==> flow/design.v <==
module cpu_shifter (ck, RSTN, enable, i_ch, i_n, i_dir, o_data_out);
    parameter integer BITS = 80;
    localparam integer SEL_WIDTH = $clog2(BITS);
    input ck;
    input RSTN;
    input enable;
    input [BITS-1:0] i_ch;
    input [SEL_WIDTH-1:0] i_n;
    input i_dir;
    output [BITS-1:0] o_data_out;
    reg [BITS-1:0] r_ch;
    reg [SEL_WIDTH-1:0] r_n;
    reg r_dir;
    always @(posedge ck or negedge RSTN) begin
        if (~RSTN) begin
            r_ch <= 0;
            r_n <= 0;
            r_dir <= 1'b0;
        end else if (enable) begin
            r_ch <= i_ch;
            r_n <= i_n;
            r_dir <= i_dir;
        end
    end
    assign o_data_out = r_dir ? r_ch << r_n : r_ch >> r_n;
endmodule
# Step by step through the tools: cpu_shifter
# Tool output for the design above, in the order of the flow.
# Line numbers count from 1 in the design file above.
# Not given: n/a
[setup] design="cpu_shifter" clock_port="ck" cell_library="sky130hd" lib_corner="tt_025C_1v80"

# Elaborated design
# Yosys after proc, flatten, opt, wreduce and memory -nomap, before mapping. Enables and synchronous resets that opt folds into registers are not counted as muxes. Memory bits, and registers merged into a memory's read port (data or address), are not among the register bits. Print and check cells are not counted. Equal cells are merged and count once.
[bits] register_bits=88 input_bits=91 out_inout_bits=80 elab_cells=6
[classes] shift=2 n_mux=1
[op_table] op="left shift 80 x 7 -> 80 bit" count=1
[op_table] op="right shift 80 x 7 -> 80 bit" count=1
[op_table] op="2-to-1 mux 80 bit" count=1

# Longest topological paths
# Depth = most cells in a row (Yosys ltp): at word level without a register or memory, in the mapped netlist without a sequential cell, where the memories' decode and read muxes count.
[depth] word_depth=2 ABC_AREA=0 ltp_mapped=11 mapped_depth_nobuf=6

# Mapped cells and area
# Source: synth_stat.txt of the flow (Yosys; design flattened, memories mapped). It holds for the ABC_AREA given above (unset counts as 0); a run with the other value may have another netlist.
[types] type="sky130_fd_sc_hd__mux4_2" count=132 type_area_um2=2.97E+03
[types] type="sky130_fd_sc_hd__mux2_2" count=211 type_area_um2=2.38E+03
[types] type="sky130_fd_sc_hd__dfrtp_1" count=88 type_area_um2=2.2E+03
[types] type="sky130_fd_sc_hd__mux2i_1" count=140 type_area_um2=1.4E+03
[types] type="sky130_fd_sc_hd__nand2_1" count=201 type_area_um2=754.474
[types] type="sky130_fd_sc_hd__nor2_1" count=138 type_area_um2=517.997
[types] type="sky130_fd_sc_hd__o21ai_0" count=86 type_area_um2=430.413
[types] type="sky130_fd_sc_hd__clkbuf_1" count=103 type_area_um2=386.621
[types] type="sky130_fd_sc_hd__o22ai_1" count=59 type_area_um2=369.104
[types] type="sky130_fd_sc_hd__a22oi_1" count=41 type_area_um2=307.795
[types] type="sky130_fd_sc_hd__a21oi_1" count=55 type_area_um2=275.264
[types] type="sky130_fd_sc_hd__o211ai_1" count=31 type_area_um2=232.723
[types] type="sky130_fd_sc_hd__buf_2" count=44 type_area_um2=220.211
[types] type="sky130_fd_sc_hd__nand3_1" count=35 type_area_um2=175.168
[types] type="sky130_fd_sc_hd__a211oi_1" count=20 type_area_um2=150.144
[types] type="sky130_fd_sc_hd__mux2_1" count=13 type_area_um2=146.39
[types] type="sky130_fd_sc_hd__o221ai_1" count=16 type_area_um2=140.134
[types] type="sky130_fd_sc_hd__nor3_1" count=27 type_area_um2=135.13
# Not listed: further types 55, cells in them 318.
[mapped] cells=1758 yosys_area_um2=15595.0 sequential_area_um2=2202.1 ffs=88 buf_cells=193

# Worst setup path after synthesis
# Source: OpenSTA report_checks on the synthesized netlist (no wires, ideal clock, input and output delay 20% of the period each), path of least setup slack; recovery checks are left aside. Register names are those of the netlist, which keeps one name where synthesis merged equal registers.
[synth_timing] path_type="register to output" from="reg r_n[1]" to="out o_data_out[77]" tclk_ns=3.87 out_delay_ns=0.774 t_first_pin_ns=0.000 t_arrival_ns=2.476 required_time_ns=3.096 setup_slack_ns=0.620 path_delay_ns=2.476 path_stages=11 n_path_buf=5 period_less_setup_slack_ns=3.25
# "path_delay_ns" = arrival - input delay + setup time.
# A path that ends at an output port has no setup time.
# "path_stages" counts driving pins, that of a launching flip-flop among them; a cell with two outputs on the path counts twice.
# "period_less_setup_slack_ns" is the clock period less the worst setup slack; recovery checks do not enter. This is arithmetic on one report: input and output delays are still those of the set period (20% each).
# Between the ends stands the longest chain of elaborated cells between them, by number of cells; it is not shown to be the way that was timed. Of several equally long chains one is given.
# Each line given opens the expression or statement behind the cell; cells for indexed reads and writes are added by Yosys, which also makes memories of some case tables.
[synth_via] cell_sequence="sky130_fd_sc_hd__dfrtp_1 sky130_fd_sc_hd__buf_6 sky130_fd_sc_hd__buf_8 sky130_fd_sc_hd__buf_8 sky130_fd_sc_hd__buf_8 sky130_fd_sc_hd__buf_2 sky130_fd_sc_hd__or2_1 sky130_fd_sc_hd__a222oi_1 sky130_fd_sc_hd__mux2i_1 sky130_fd_sc_hd__o221a_1 sky130_fd_sc_hd__nor3_1" elab_chain_len=2 cells_between=3 cone_lines=1 cone_classes="shift: 2; mux: 1"
[synth_lines] item="start: declaration" line=12 text="reg [SEL_WIDTH-1:0] r_n;"
[synth_lines] item="start: assignment" line=17 text="r_n <= 0;"
[synth_lines] item="start: assignment" line=21 text="r_n <= i_n;"
[synth_lines] item="right shift 80 x 7 -> 80 bit" line=25 text="assign o_data_out = r_dir ? r_ch << r_n : r_ch >> r_n;"
[synth_lines] item="2-to-1 mux 80 bit" line=25
[synth_lines] item="end: declaration" line=10 text="output [BITS-1:0] o_data_out;"

# Worst path after layout
# Path of least setup slack in the final report of run 2 (OpenROAD, finished layout, wires in). Where an end is a register, its clock arrival counts in the times.
[layout_timing] path_type="register to output" from="reg r_n[1]" to="out o_data_out[36]" tclk_ns=3.87 out_delay_ns=0.77 t_first_pin_ns=0.39 t_arrival_ns=3.38 required_time_ns=3.10 setup_slack_ns=-0.29 path_stages=11 n_path_buf=4
# Between the ends stands the longest chain of elaborated cells between them, by number of cells; it is not shown to be the way that was timed. Of several equally long chains one is given.
[layout_via] cell_sequence="sky130_fd_sc_hd__dfrtp_4 sky130_fd_sc_hd__buf_12 sky130_fd_sc_hd__buf_12 sky130_fd_sc_hd__mux4_2 sky130_fd_sc_hd__mux2_4 sky130_fd_sc_hd__mux2i_2 sky130_fd_sc_hd__buf_6 sky130_fd_sc_hd__or2_4 sky130_fd_sc_hd__a31oi_1 sky130_fd_sc_hd__or4_1 sky130_fd_sc_hd__buf_2" elab_chain_len=2 cells_between=3 cone_lines=1 cone_classes="shift: 2; mux: 1"
[layout_lines] item="start: declaration" line=12 text="reg [SEL_WIDTH-1:0] r_n;"
[layout_lines] item="start: assignment" line=17 text="r_n <= 0;"
[layout_lines] item="start: assignment" line=21 text="r_n <= i_n;"
[layout_lines] item="right shift 80 x 7 -> 80 bit" line=25 text="assign o_data_out = r_dir ? r_ch << r_n : r_ch >> r_n;"
[layout_lines] item="2-to-1 mux 80 bit" line=25
[layout_lines] item="end: declaration" line=10 text="output [BITS-1:0] o_data_out;"

# Stored flow runs of cpu_shifter (3 of them; Yosys, OpenROAD, sky130hd). They differ in their settings and are not a sequence. Constraints: input delay and output delay 20% of the set period each, output load 0.01 pF.
# "clock_period_reached_ns" means the clock period less the worst setup slack. The figure is calculated, with input and output delays left at 20% of the set period.
# "worst_path_allowed_less_slack_ns" is the time allowed to the run's worst setup path (the clock period less input and output delay, where it has them) less its slack. Clock arrival times count: a late capture clock shortens it, a late launch clock lengthens it.
# "design_power_w" is the tool's figure for a default switching activity; nothing was simulated.
run="run 1" settings period_ns=1.88 CORE_UTILIZATION=56 PLACE_DENSITY_LB_ADDON=0.15 CELL_PAD_IN_SITES_GLOBAL_PLACEMENT=1 CELL_PAD_IN_SITES_DETAIL_PLACEMENT=1 TNS_END_PERCENT=75 ABC_AREA=0 GPL_ROUTABILITY_DRIVEN=0 CAP_MARGIN=20 CORE_MARGIN=2 SLEW_MARGIN=20
run="run 1" outcome="did not finish, placement stopped with DPL-0033"
run="run 2" settings period_ns=3.87 CAP_MARGIN=20 CORE_MARGIN=2 CORE_UTILIZATION=40 SLEW_MARGIN=20
run="run 2" results design_power_w=0.010255 setup_ws_ns=-0.286 synth_area_um2=15595.0 worst_path_allowed_less_slack_ns=3.38 worst_path_kind="register to output" clock_period_reached_ns=4.156 die_um2=40582.1 layout_utilization_pct=63.8
run="run 3" settings period_ns=1.91 CORE_UTILIZATION=64 PLACE_DENSITY_LB_ADDON=0.01 CORE_MARGIN=6 CELL_PAD_IN_SITES_GLOBAL_PLACEMENT=3 CELL_PAD_IN_SITES_DETAIL_PLACEMENT=0 ABC_AREA=1 CTS_CLUSTER_DIAMETER=339 SLEW_MARGIN=0 MIN_ROUTING_LAYER="met1" MAX_ROUTING_LAYER="met5" CAP_MARGIN=20
run="run 3" outcome="did not finish, placement stopped with FLW-0024"
